==> flow/design.v <==
module mul_core_rtl #(
   parameter WIDTH = 22
) (
   input  wire clk,
   input  wire rst_i,
   input  wire [WIDTH-1:0] A,
   output reg [2*WIDTH-1:0] p
);
   reg [WIDTH-1:0] A_q;
   always @(posedge clk) begin
      if (rst_i) begin
         A_q <= 0;
         p <= 0;
      end else begin
         A_q <= A;
         p <= A_q * A_q;
      end
   end
endmodule
* From RTL to reports: mul_core_rtl
The steps from the RTL of mul_core_rtl to its reports follow in flow order. Line numbers count from 1 in the design file above. Library cell names are shortened. A cell with n/a has no value.
Inputs: design top mul_core_rtl, clock input clk, cell library sky130hd, corner tt_025C_1v80

* Elaborated design
Counts by Yosys on the flattened word-level netlist (proc, flatten, opt, wreduce; memories kept). Register bits leave out memories and registers merged into their read ports (data or address); mux counts leave out enables and synchronous resets folded into registers. Print and check cells are left out. Cells with the same type and inputs are merged into one.
Cells by class: multipliers 1
Operators by type and width (number):
- 22-bit by 22-bit multiplier with 44-bit output | 1
Word-level totals: flip-flop bits (word level) 66, input port bits 24, output and inout bits 44, elaborated cells 3

* Logic depth
Longest topological path by Yosys (ltp), each cell counted once; first at word level (registers and memories cut), then after technology mapping (sequential cells cut; the memories' decode and read muxes count).
Logic depth: depth in word-level cells 1, ABC_AREA 0, gate-level depth with buffers 24, depth with buffers taken out 23

* Synthesis result
Source: synth_stat.txt of the flow (Yosys; design flattened, memories mapped). It holds for the ABC_AREA given above (unset counts as 0); a run with the other value may have another netlist.
Cell types (number):
- fa_1 | 341
- ha_1 | 164
- inv_1 | 440
- dfxtp_1 | 65
- and2_1 | 93
- nand2_1 | 153
- nor2_1 | 77
- a21oi_1 | 55
- nor2b_1 | 40
- clkbuf_1 | 60
- xor2_1 | 24
- xnor2_1 | 21
- a21o_1 | 23
- o21ai_0 | 21
- nand4_1 | 16
- mux2_2 | 7
- o21a_1 | 9
- o211ai_1 | 8
Other cell types: 39; their cells: 98.
Mapped netlist: mapped cells 1715, chip area (Yosys) 0.0157176 mm², sequential area 0.0013012 mm², flip-flop cells 65, buffers 73

* Worst setup path after synthesis
OpenSTA on the mapped netlist: ideal clock, no wires. The path of least setup slack (recovery checks aside). Input and output delay are each 20% of the period. Register names are those of the netlist, which keeps one name where synthesis merged equal registers.
Timing after synthesis: kind reg2reg, start point register A_q[6], end point register p[28], clock period 8.13 ns, library setup time 0.121 ns, arrival 6.382 ns, data required time 8.009 ns, setup slack 1.627 ns, delay of the path 6.503 ns, driving pins on the path 24, path buffers 3, synthesis period reached 6.503 ns
"delay of the path" is the arrival time less input delay plus setup time. "driving pins on the path" counts driving pins, that of a launching flip-flop among them; a cell with two outputs on the path counts twice. "synthesis period reached" is the clock period less the worst setup slack; recovery checks do not enter. This is arithmetic on one report: input and output delays are still those of the set period (20% each). The rows between start and end are the longest chain of elaborated cells between them; the timing report does not say that the signal goes this way. Where chains are equally long, one stands for them. Each line given opens the expression or statement behind the cell; cells for indexed reads and writes are added by Yosys, which also makes memories of some case tables.
On the way, after synthesis: cells stage by stage dfxtp_1 clkbuf_1 clkbuf_1 nand2_1 fa_1 inv_1 fa_1 inv_1 fa_1 inv_1 fa_1 fa_1 fa_1 inv_1 fa_1 inv_1 ha_1 buf_2 a21o_1 a31o_1 a221oi_2 o31ai_2 a221oi_1 mux2_2, length of the longest elaborated chain 1
RTL lines, path after synthesis:
- start: declaration | RTL line 9 | reg [WIDTH-1:0] A_q;
- start: assignment | RTL line 12 | A_q <= 0;
- start: assignment | RTL line 15 | A_q <= A;
- 22-bit by 22-bit multiplier with 44-bit output | RTL line 16 | p <= A_q * A_q;
- end: assignment | RTL line 13 | p <= 0;
- end: assignment | RTL line 16
- end: declaration | RTL line 7 | output reg [2*WIDTH-1:0] p

* Path in the finished layout
Path of least setup slack in the final report of record 1 (OpenROAD, finished layout, wires in). Where an end is a register, its clock arrival counts in the times.
Timing post-layout: kind reg2reg, start point register A_q[13], end point register p[28], clock period 8.13 ns, library setup time 0.11 ns, arrival 7.53 ns, data required time 8.37 ns, setup slack 0.84 ns, driving pins on the path 21, path buffers 0
The rows between start and end are the longest chain of elaborated cells between them; the timing report does not say that the signal goes this way. Where chains are equally long, one stands for them.
On the way, post-layout: cells stage by stage dfxtp_1 inv_1 nor2_1 inv_1 fa_1 fa_1 fa_1 inv_1 fa_1 fa_1 fa_1 inv_1 fa_1 inv_1 ha_1 a21o_1 a21o_1 a221oi_2 o31ai_2 a221oi_1 mux2_2, length of the longest elaborated chain 1
RTL lines, path post-layout:
- start: declaration | RTL line 9 | reg [WIDTH-1:0] A_q;
- start: assignment | RTL line 12 | A_q <= 0;
- start: assignment | RTL line 15 | A_q <= A;
- 22-bit by 22-bit multiplier with 44-bit output | RTL line 16 | p <= A_q * A_q;
- end: assignment | RTL line 13 | p <= 0;
- end: assignment | RTL line 16
- end: declaration | RTL line 7 | output reg [2*WIDTH-1:0] p

Add stored flow runs of mul_core_rtl

Below are 2 stored runs of the flow (Yosys, OpenROAD; platform sky130hd) on mul_core_rtl, each with its settings and what was measured, unordered. Constraints: input delay and output delay 20% of the set period each, output load 0.01 pF.
"worst path time" = time allowed to the worst setup path (clock period - input delay - output delay, where it has them) - its slack; a late launch clock adds to it, a late capture clock takes from it.

[record 1] flow files
==> flow/run.sh <==
#!/bin/bash
# the make line also repeats the synthesis and layout settings of config.mk as NAME=value (left out here)
make -C /OpenROAD-flow-scripts/flow DESIGN_CONFIG=/design/flow/config.mk WORK_HOME=/design/flow/orfs CLKGATE_MAP_FILE= finish
==> flow/config.mk <==
export PLATFORM = sky130hd
export DESIGN_NAME = mul_core_rtl
export DESIGN_NICKNAME = mul_core_rtl
export VERILOG_FILES = /design/flow/design.v
export SDC_FILE = /design/flow/constraint.sdc
export NUM_CORES = 4
export LEC_CHECK = 0
export CAP_MARGIN = 20
export CORE_MARGIN = 2
export CORE_UTILIZATION = 40
export SLEW_MARGIN = 20
==> flow/constraint.sdc <==
create_clock -name core_clock -period 8.13 [get_ports {clk}]
set_input_delay 1.6260 -clock core_clock [delete_from_list [all_inputs] [get_ports {clk}]]
set_output_delay 1.6260 -clock core_clock [all_outputs]
set_load 0.01 [all_outputs]

[record 1] result: worst path time 7.29 ns; kind of the worst setup path reg2reg; die area 0.040895 mm²; worst setup slack after layout 0.843 ns; standard-cell area of the final layout 0.0172503 mm²; total negative slack on setup checks 0.000 ns; post-route worst hold slack 1.006 ns; final utilization 44.5 %; mapped cell area after synthesis 0.0157176 mm²

[record 2] flow files
==> flow/run.sh <==
#!/bin/bash
# the make line also repeats the synthesis and layout settings of config.mk as NAME=value (left out here)
make -C /OpenROAD-flow-scripts/flow DESIGN_CONFIG=/design/flow/config.mk WORK_HOME=/design/flow/orfs CLKGATE_MAP_FILE= finish
==> flow/config.mk <==
export PLATFORM = sky130hd
export DESIGN_NAME = mul_core_rtl
export DESIGN_NICKNAME = mul_core_rtl
export VERILOG_FILES = /design/flow/design.v
export SDC_FILE = /design/flow/constraint.sdc
export NUM_CORES = 4
export LEC_CHECK = 0
export ABC_AREA = 0
export CAP_MARGIN = 5
export CELL_PAD_IN_SITES_GLOBAL_PLACEMENT = 3
export CORE_MARGIN = 3
export CORE_UTILIZATION = 27
export CTS_CLUSTER_SIZE = 63
export MAX_ROUTING_LAYER = met4
export PLACE_DENSITY_LB_ADDON = 0.09
export SETUP_SLACK_MARGIN = -0.29
export SLEW_MARGIN = 30
==> flow/constraint.sdc <==
create_clock -name core_clock -period 4.07 [get_ports {clk}]
set_input_delay 0.8140 -clock core_clock [delete_from_list [all_inputs] [get_ports {clk}]]
set_output_delay 0.8140 -clock core_clock [all_outputs]
set_load 0.01 [all_outputs]

[record 2] result: worst path time 6.35 ns; kind of the worst setup path reg2reg; die area 0.0611449 mm²; worst setup slack after layout -2.277 ns; standard-cell area of the final layout 0.0223489 mm²; total negative slack on setup checks -69.501 ns; post-route worst hold slack 0.785 ns; final utilization 39.2 %; mapped cell area after synthesis 0.0157176 mm²
